==> flow/design.v <==
module ex_shft_p #(
  parameter integer WIDTH = 12,
  parameter integer LG = $clog2(WIDTH)
) (
  input  wire sys_clk,
  input  wire [WIDTH-1:0] bus_i,
  input  wire [LG-1:0] by_i,
  output reg [WIDTH-1:0] o_o
);
  reg [WIDTH-1:0] bus_d1;
  reg [LG-1:0] by_d1;
  always @(posedge sys_clk) begin
    bus_d1 <= bus_i;
    by_d1 <= by_i;
  end
  wire [WIDTH-1:0] n_ [0:LG];
  assign n_[0] = bus_d1;
  genvar g;
  generate
    for (g = 0; g < LG; g = g + 1) begin : lane
      assign n_[g+1] = by_d1[g] ? (n_[g] << (1 << g)) | (n_[g] >> (WIDTH - (1 << g))) : n_[g];
    end
  endgenerate
  always @(posedge sys_clk) begin
    o_o <= n_[LG];
  end
endmodule
Step by step through the tools: ex_shft_p

Tool output for the design above, in the order of the flow.
Lines are those of the file above, counted from 1.
Operators carry their Yosys type and port widths (W data, S select, Z words).
Library cell names are shortened.
Not given: -

Top: ex_shft_p
Clock port: sys_clk
Standard-cell library: sky130hd
Library corner: tt_025C_1v80

Elaborated design

Yosys after proc, flatten, opt, wreduce and memory -nomap, before mapping. Enables and synchronous resets that opt folds into registers are not counted as muxes. Print and check cells are not counted. Equal cells are merged and count once.

Add/sub/neg operators: 0
Multiply operators: 0
Divide/modulo/power cells: 0
Order comparisons: 0
Equality and inequality tests: 0
Shift operators: 0
Multiplexer cells: 4
Bitwise operators: 4
Reduce/logical cells: 0

Operators with widths:

| cell           | count |
| $mux W12       | 4 |
| $or A12 B1 Y12 | 1 |
| $or A12 B2 Y12 | 1 |
| $or A12 B4 Y12 | 1 |
| $or A12 B8 Y12 | 1 |

Flip-flop bits (word level): 28
Latch bits: 0
Bits in writable memories: 0
ROM bits: 0
Clocked read ports x word width: 0
Memories: 0
Input port bits: 17

Depth

Depth = most cells in a row (Yosys ltp): at word level without a register or memory, in the mapped netlist without a sequential cell, where the memories' decode and read muxes count.

Word-level depth: 8
ABC_AREA: 0
Mapped depth: 4
Depth with buffers taken out: 3

Synthesis result

Yosys stat after the flow's synthesis: flattened, memories mapped to cells. It holds for the ABC_AREA given above (unset counts as 0); a run with the other value may have another netlist.

Standard cells after synthesis: 86
Chip area (Yosys): 0.0010961 mm²
Sequential part of the area: 0.0005605 mm²
Flip-flop cells: 28
Buffer cells: 6

Cells by type:

| cell     | count | area in all (µm²) |
| dfxtp_1  | 28    | 560.538 |
| mux4_2   | 8     | 180.173 |
| mux4_1   | 4     | 105.101 |
| a22oi_1  | 12    | 90.086 |
| o21ai_0  | 12    | 60.058 |
| nand2_1  | 12    | 45.043 |
| nor2b_1  | 2     | 12.512 |
| buf_6    | 1     | 11.261 |
| clkbuf_1 | 3     | 11.261 |
| buf_2    | 2     | 10.01 |
| and2_1   | 1     | 6.256 |
| nor2_1   | 1     | 3.754 |

Path before layout

Source: OpenSTA report_checks on the synthesized netlist (no wires, ideal clock, input and output delay 20% of the period each), path of least setup slack; recovery checks are left aside. Register names are those of the netlist, which keeps one name where synthesis merged equal registers.

Path kind: register to register
Start: register by_d1[0]
End: register o_o[10]
Clock period: 1,760 ps
Arrival: 1,291 ps
Required time: 1,641 ps
Path slack: 350 ps
Delay of the path: 1,410 ps
Driving pins on the path: 5
Buffers on the path: 1
Synthesis period reached: 1,410 ps

"delay of the path" = arrival - input delay + setup time.
"driving pins on the path": output pins that drive a net of the path, with the launching flip-flop's if there is one; two outputs of one cell count as two.
"synthesis period reached" is the clock period less the worst setup slack; recovery checks do not enter. This is arithmetic on one report: input and output delays are still those of the set period (20% each).
Between the ends stands the longest chain of elaborated cells between them, by number of cells; it is not shown to be the way that was timed. Of several equally long chains one is given.
A line is the first line of the expression or statement that the cell stems from. Yosys adds cells for indexed reads and writes and turns some case tables into memories.

Cell sequence: dfxtp_1 > buf_6 > mux4_2 > a22oi_1 > nand2_1
Length of the longest elaborated chain: 7
Elaborated cells on any way between the ends: 7

RTL lines, path after synthesis:

| item           | RTL line | RTL |
| from (decl)    | 11       | `reg [LG-1:0] by_d1;` |
| from (assign)  | 14       | `by_d1 <= by_i;` |
| $mux W12       | 21       | `assign n_[g+1] = by_d1[g] ? (n_[g] << (1 << g)) \| (n_[g] >> (WIDTH - (1 << g))) : n_[g];` |
| $or A12 B2 Y12 | 21       |  |
| $mux W12       | 21       |  |
| $or A12 B4 Y12 | 21       |  |
| $mux W12       | 21       |  |
| $or A12 B8 Y12 | 21       |  |
| $mux W12       | 21       |  |
| to (assign)    | 25       | `o_o <= n_[LG];` |
| to (decl)      | 8        | `output reg [WIDTH-1:0] o_o` |

Path in the finished layout

Path of least setup slack in the final report of run 1 (OpenROAD, finished layout, wires in). Where an end is a register, its clock arrival counts in the times.
The path's times are printed in steps of 10 ps; the period is the one set.

Path kind: register to register
Start: register by_d1[0]
End: register o_o[6]
Clock period: 1,220 ps
Arrival: 1,720 ps
Required time: 1,460 ps
Path slack: -260 ps
Driving pins on the path: 5
Buffers on the path: 1

Between the ends stands the longest chain of elaborated cells between them, by number of cells; it is not shown to be the way that was timed. Of several equally long chains one is given.

Cell sequence: dfxtp_4 > clkbuf_16 > mux4_2 > a22oi_2 > nand2_1
Length of the longest elaborated chain: 7
Elaborated cells on any way between the ends: 7

RTL lines, path post-layout:

| item           | RTL line | RTL |
| from (decl)    | 11       | `reg [LG-1:0] by_d1;` |
| from (assign)  | 14       | `by_d1 <= by_i;` |
| $mux W12       | 21       | `assign n_[g+1] = by_d1[g] ? (n_[g] << (1 << g)) \| (n_[g] >> (WIDTH - (1 << g))) : n_[g];` |
| $or A12 B2 Y12 | 21       |  |
| $mux W12       | 21       |  |
| $or A12 B4 Y12 | 21       |  |
| $mux W12       | 21       |  |
| $or A12 B8 Y12 | 21       |  |
| $mux W12       | 21       |  |
| to (assign)    | 25       | `o_o <= n_[LG];` |
| to (decl)      | 8        | `output reg [WIDTH-1:0] o_o` |

--- measured runs ---
Measured results for ex_shft_p: 3 stored runs of the Yosys and OpenROAD flow on sky130hd. The settings differ; the order carries no meaning. The constraints put input and output delay at 20% of the set period each and load the outputs with 0.01 pF.
By "total power after layout" is meant OpenSTA's value without simulated activity: inputs other than the clock are taken to toggle once in ten clock periods, and the tool carries that through the logic.
Settings: n/a = not set for that run.
Results: n/a = not shown.

| item                                   | run 1     | run 2     | run 3 |
| period_ns                              | 1.22      | 1.76      | 2.01  |
| CORE_UTILIZATION                       | 49        | 40        | 61    |
| CELL_PAD_IN_SITES_DETAIL_PLACEMENT     | 1         | n/a       | n/a   |
| TNS_END_PERCENT                        | 95        | n/a       | n/a   |
| GPL_ROUTABILITY_DRIVEN                 | 1         | n/a       | n/a   |
| CTS_CLUSTER_DIAMETER                   | 182       | n/a       | n/a   |
| MAX_ROUTING_LAYER                      | met4      | n/a       | met4  |
| CAP_MARGIN                             | 20        | 20        | 30    |
| CORE_MARGIN                            | 2         | 2         | 9     |
| SLEW_MARGIN                            | 20        | 20        | 25    |
| PLACE_DENSITY_LB_ADDON                 | n/a       | n/a       | 0.16  |
| CORE_ASPECT_RATIO                      | n/a       | n/a       | 1.68  |
| CELL_PAD_IN_SITES_GLOBAL_PLACEMENT     | n/a       | n/a       | 2     |
| netlist area reported by Yosys (mm²)   | 0.0010961 | 0.0010961 | n/a   |
| total die area (mm²)                   | 0.0026312 | 0.0031748 | n/a   |
| utilization of the finished layout (%) | 71.2      | 57.4      | n/a   |
| worst slack on setup checks (ps)       | -257      | 224       | n/a   |
| lowest hold slack (ps)                 | 331       | 454       | n/a   |
| total power after layout (µW)          | 1,914     | 1,288     | n/a   |

Run 3: incomplete, placement halted on FLW-0024
--- end ---
